==> flow/design.v <==
module dp_mux_mod #(
  parameter integer WD = 4,
  parameter integer N_IN = 5,
  parameter integer SEL_WIDTH = $clog2(N_IN)
) (
  input  logic core_clk,
  input  logic rst_ni,
  input  logic [N_IN*WD-1:0] i_ch,
  input  logic [SEL_WIDTH-1:0] i_choose,
  output logic [WD-1:0] o_result
);
  logic [N_IN*WD-1:0] ch_s;
  logic [SEL_WIDTH-1:0] choose_s;
  assign o_result = ch_s[choose_s*WD +: WD];
  always_ff @(posedge core_clk or negedge rst_ni) begin
    if (!rst_ni) begin
      ch_s <= '0;
      choose_s <= '0;
    end else begin
      ch_s <= i_ch;
      choose_s <= i_choose;
    end
  end
endmodule
=== Reports on dp_mux_mod ===
What the tools print for dp_mux_mod, step after step.
Line numbers count from 1 in the design file above.
A cell with n/a has no value.

* Top module: dp_mux_mod
* Clock: core_clk
* Standard-cell library: sky130hd
* Corner: tt_025C_1v80

=== Word-level counts ===
Yosys after proc, flatten, opt, wreduce and memory -nomap, before mapping. Enables and synchronous resets that opt folds into registers are not counted as muxes. Memory bits, and registers merged into a memory's read port (data or address), are not among the register bits. Print and check cells are not counted. Equal cells are merged and count once.

* Memories kept: 0
* Flip-flop bits (word level): 23
* Input port bits: 25
* RAM bits: 0
* Output and inout port bits: 4
* Clocked read ports x word width: 0
* Cells after elaboration: 3
* Latch bits: 0
* ROM bits: 0

* Muxes and demuxes: 0
* Equal/unequal tests: 0
* Reductions and logical operators: 0
* Add/subtract/negate cells: 0
* Divide/modulo/power cells: 0
* Shifts and indexed selects: 1
* Order comparisons: 0
* $mul: 0
* Bitwise gates (word level): 0

{| class="wikitable"
|+ Operators by type and width
! operator !! number
|-
| 20-bit by 6-bit indexed select with 4-bit output || 1
|}

=== Longest topological paths ===
Depth = most cells in a row (Yosys ltp): at word level without a register or memory, in the mapped netlist without a sequential cell, where the memories' decode and read muxes count.

* Depth in word-level cells: 1
* ABC_AREA: 0
* Depth in mapped cells: 4
* Mapped depth without buffers: 3

=== Netlist ===
The flow's flattened synthesis, as Yosys stat reports it; memories are mapped. The netlist is that of the ABC_AREA named above (0 if unset); the other value can give another one.

{| class="wikitable"
|+ Cells by type
! cell !! number !! area in all (um2)
|-
| sky130_fd_sc_hd__dfrtp_1 || 23 || 575.552
|-
| sky130_fd_sc_hd__mux2i_1 || 4 || 40.038
|-
| sky130_fd_sc_hd__mux2_4 || 2 || 30.029
|-
| sky130_fd_sc_hd__mux2_2 || 2 || 22.522
|-
| sky130_fd_sc_hd__a221o_1 || 2 || 20.019
|-
| sky130_fd_sc_hd__nor3b_1 || 2 || 15.014
|-
| sky130_fd_sc_hd__buf_6 || 1 || 11.261
|-
| sky130_fd_sc_hd__nor2_1 || 3 || 11.261
|-
| sky130_fd_sc_hd__a211o_1 || 1 || 8.758
|-
| sky130_fd_sc_hd__a22oi_1 || 1 || 7.507
|-
| sky130_fd_sc_hd__nand2b_1 || 1 || 6.256
|-
| sky130_fd_sc_hd__buf_2 || 1 || 5.005
|-
| sky130_fd_sc_hd__nor3_1 || 1 || 5.005
|-
| sky130_fd_sc_hd__o21ai_0 || 1 || 5.005
|-
| sky130_fd_sc_hd__nand2_1 || 1 || 3.754
|}

* Flip-flops: 23
* Buffers: 2
* Cell count: 46
* Synthesis area: 767.0 um2
* Sequential area: 575.6 um2

=== Worst setup path after synthesis ===
OpenSTA on the mapped netlist: ideal clock, no wires. The path of least setup slack (recovery checks aside). Input and output delay are each 20% of the period. Register names are those of the netlist, which keeps one name where synthesis merged equal registers.

* Path kind: reg2out
* Start point: reg (no name shown)
* End point: out o_result[0]
* Slack: 0.282 ns
* Required time: 1.400 ns
* Output delay: 0.350 ns
* Buffers on the path: 1
* Delay of the path: 1.118 ns
* Clock period: 1.75 ns
* Arrival: 1.118 ns
* Stages: 4
* Launch time at the first pin: 0.000 ns
* Synthesis period reached: 1.468 ns

"delay of the path" = arrival - input delay + setup time.
At an output port there is no setup time.
"stages" counts driving pins, that of a launching flip-flop among them; a cell with two outputs on the path counts twice.
"synthesis period reached" = period - worst setup slack (recovery checks aside). The figure is calculated, with input and output delays left at 20% of the set period.
The rows between start and end are the longest chain of elaborated cells between them; the timing report does not say that the signal goes this way. Where chains are equally long, one stands for them.
Each line given opens the expression or statement behind the cell; cells for indexed reads and writes are added by Yosys, which also makes memories of some case tables.

* Cell sequence: sky130_fd_sc_hd__dfrtp_1 sky130_fd_sc_hd__buf_6 sky130_fd_sc_hd__mux2_4 sky130_fd_sc_hd__a221o_1
* Length of the longest elaborated chain: 1

{| class="wikitable"
|+ Ends and longest elaborated chain, post-synthesis
! item !! line !! RTL
|-
| start, declared || 13 ||
|-
| start, assigned || 18 ||
|-
| start, assigned || 21 ||
|-
| 20-bit by 6-bit indexed select with 4-bit output || 14 ||
|-
| end, declared || 10 || <nowiki>output logic [WD-1:0] o_result</nowiki>
|}

=== Worst path after layout ===
From the final timing report of job 1: the path of least setup slack in the routed layout; clock arrival at registers is part of the times.

* Path kind: reg2out
* Start point: reg (no name shown)
* End point: out o_result[2]
* Output delay: 0.52 ns
* Required time: 2.07 ns
* Launch time at the first pin: 0.29 ns
* Arrival: 1.92 ns
* Slack: 0.15 ns
* Clock period: 2.59 ns
* Stages: 4
* Buffers on the path: 1

The rows between start and end are the longest chain of elaborated cells between them; the timing report does not say that the signal goes this way. Where chains are equally long, one stands for them.

* Cell sequence: sky130_fd_sc_hd__dfrtp_2 sky130_fd_sc_hd__mux2_2 sky130_fd_sc_hd__a211o_1 sky130_fd_sc_hd__clkdlybuf4s50_1
* Length of the longest elaborated chain: 1

{| class="wikitable"
|+ Ends and longest elaborated chain, post-layout
! item !! line !! RTL
|-
| start, declared || 13 ||
|-
| start, assigned || 18 ||
|-
| start, assigned || 21 ||
|-
| 20-bit by 6-bit indexed select with 4-bit output || 14 ||
|-
| end, declared || 10 || <nowiki>output logic [WD-1:0] o_result</nowiki>
|}

==> results <==
Flow measurements of dp_mux_mod on sky130hd: 3 stored runs with different settings, listed in no order. Input and output delays are each 20% of the period that was set; the output load is 0.01 pF.
By "period reached" is meant the clock period of the run minus its worst setup slack. This is arithmetic on one report: input and output delays are still those of the set period (20% each).
"critical path time" = time allowed to the worst setup path (clock period - input delay - output delay, where it has them) - its slack; a late launch clock adds to it, a late capture clock takes from it.
"total design power" rests on the timing tool's default activity at the inputs, not on a simulated workload.

=== Job 1 ===
{| class="wikitable"
! Setting !! Value
|-
| period_ns || 2.59
|-
| CORE_UTILIZATION || 26
|-
| SETUP_SLACK_MARGIN || 0.04
|-
| PLACE_DENSITY_LB_ADDON || 0.11
|-
| HOLD_SLACK_MARGIN || -0.02
|-
| CORE_MARGIN || 10
|-
| GPL_ROUTABILITY_DRIVEN || 1
|-
| CTS_CLUSTER_DIAMETER || 83
|-
| MAX_ROUTING_LAYER || met5
|-
| CAP_MARGIN || 20
|-
| SLEW_MARGIN || 20
|-
! Result !! Value
|-
| Post-route setup TNS || 0.000 ns
|-
| Critical path time || 1.92 ns
|-
| Worst path kind || reg2out
|-
| Period reached || 2.439 ns
|-
| Netlist area reported by Yosys || 767.0 um2
|-
| Standard-cell area after routing || 1,113.6 um2
|-
| Post-layout utilization || 0.4
|-
| Die footprint || 5,522.7 um2
|-
| Setup slack of the critical path || 0.151 ns
|-
| Total design power || 0.6225 mW
|}

=== Job 2 ===
{| class="wikitable"
! Setting !! Value
|-
| period_ns || 1.75
|-
| CAP_MARGIN || 20
|-
| CORE_MARGIN || 2
|-
| CORE_UTILIZATION || 40
|-
| SLEW_MARGIN || 20
|-
! Result !! Value
|-
| Post-route setup TNS || -0.510 ns
|-
| Critical path time || 1.56 ns
|-
| Worst path kind || reg2out
|-
| Period reached || 1.915 ns
|-
| Netlist area reported by Yosys || 767.0 um2
|-
| Standard-cell area after routing || 1,169.9 um2
|-
| Post-layout utilization || 0.663
|-
| Die footprint || 2,283.9 um2
|-
| Setup slack of the critical path || -0.165 ns
|-
| Total design power || 0.9285 mW
|}

=== Job 3 ===
{| class="wikitable"
! Setting !! Value
|-
| period_ns || 2.71
|-
| CORE_UTILIZATION || 43
|-
| SETUP_SLACK_MARGIN || 0.06
|-
| CTS_CLUSTER_SIZE || 18
|-
| CAP_MARGIN || 35
|-
| CORE_MARGIN || 2
|-
| SLEW_MARGIN || 20
|-
! Result !! Value
|-
| Post-route setup TNS || 0.000 ns
|-
| Critical path time || 1.97 ns
|-
| Worst path kind || reg2out
|-
| Period reached || 2.508 ns
|-
| Netlist area reported by Yosys || 767.0 um2
|-
| Standard-cell area after routing || 1,097.3 um2
|-
| Post-layout utilization || 0.642
|-
| Die footprint || 2,137.7 um2
|-
| Setup slack of the critical path || 0.202 ns
|-
| Total design power || 0.5942 mW
|}
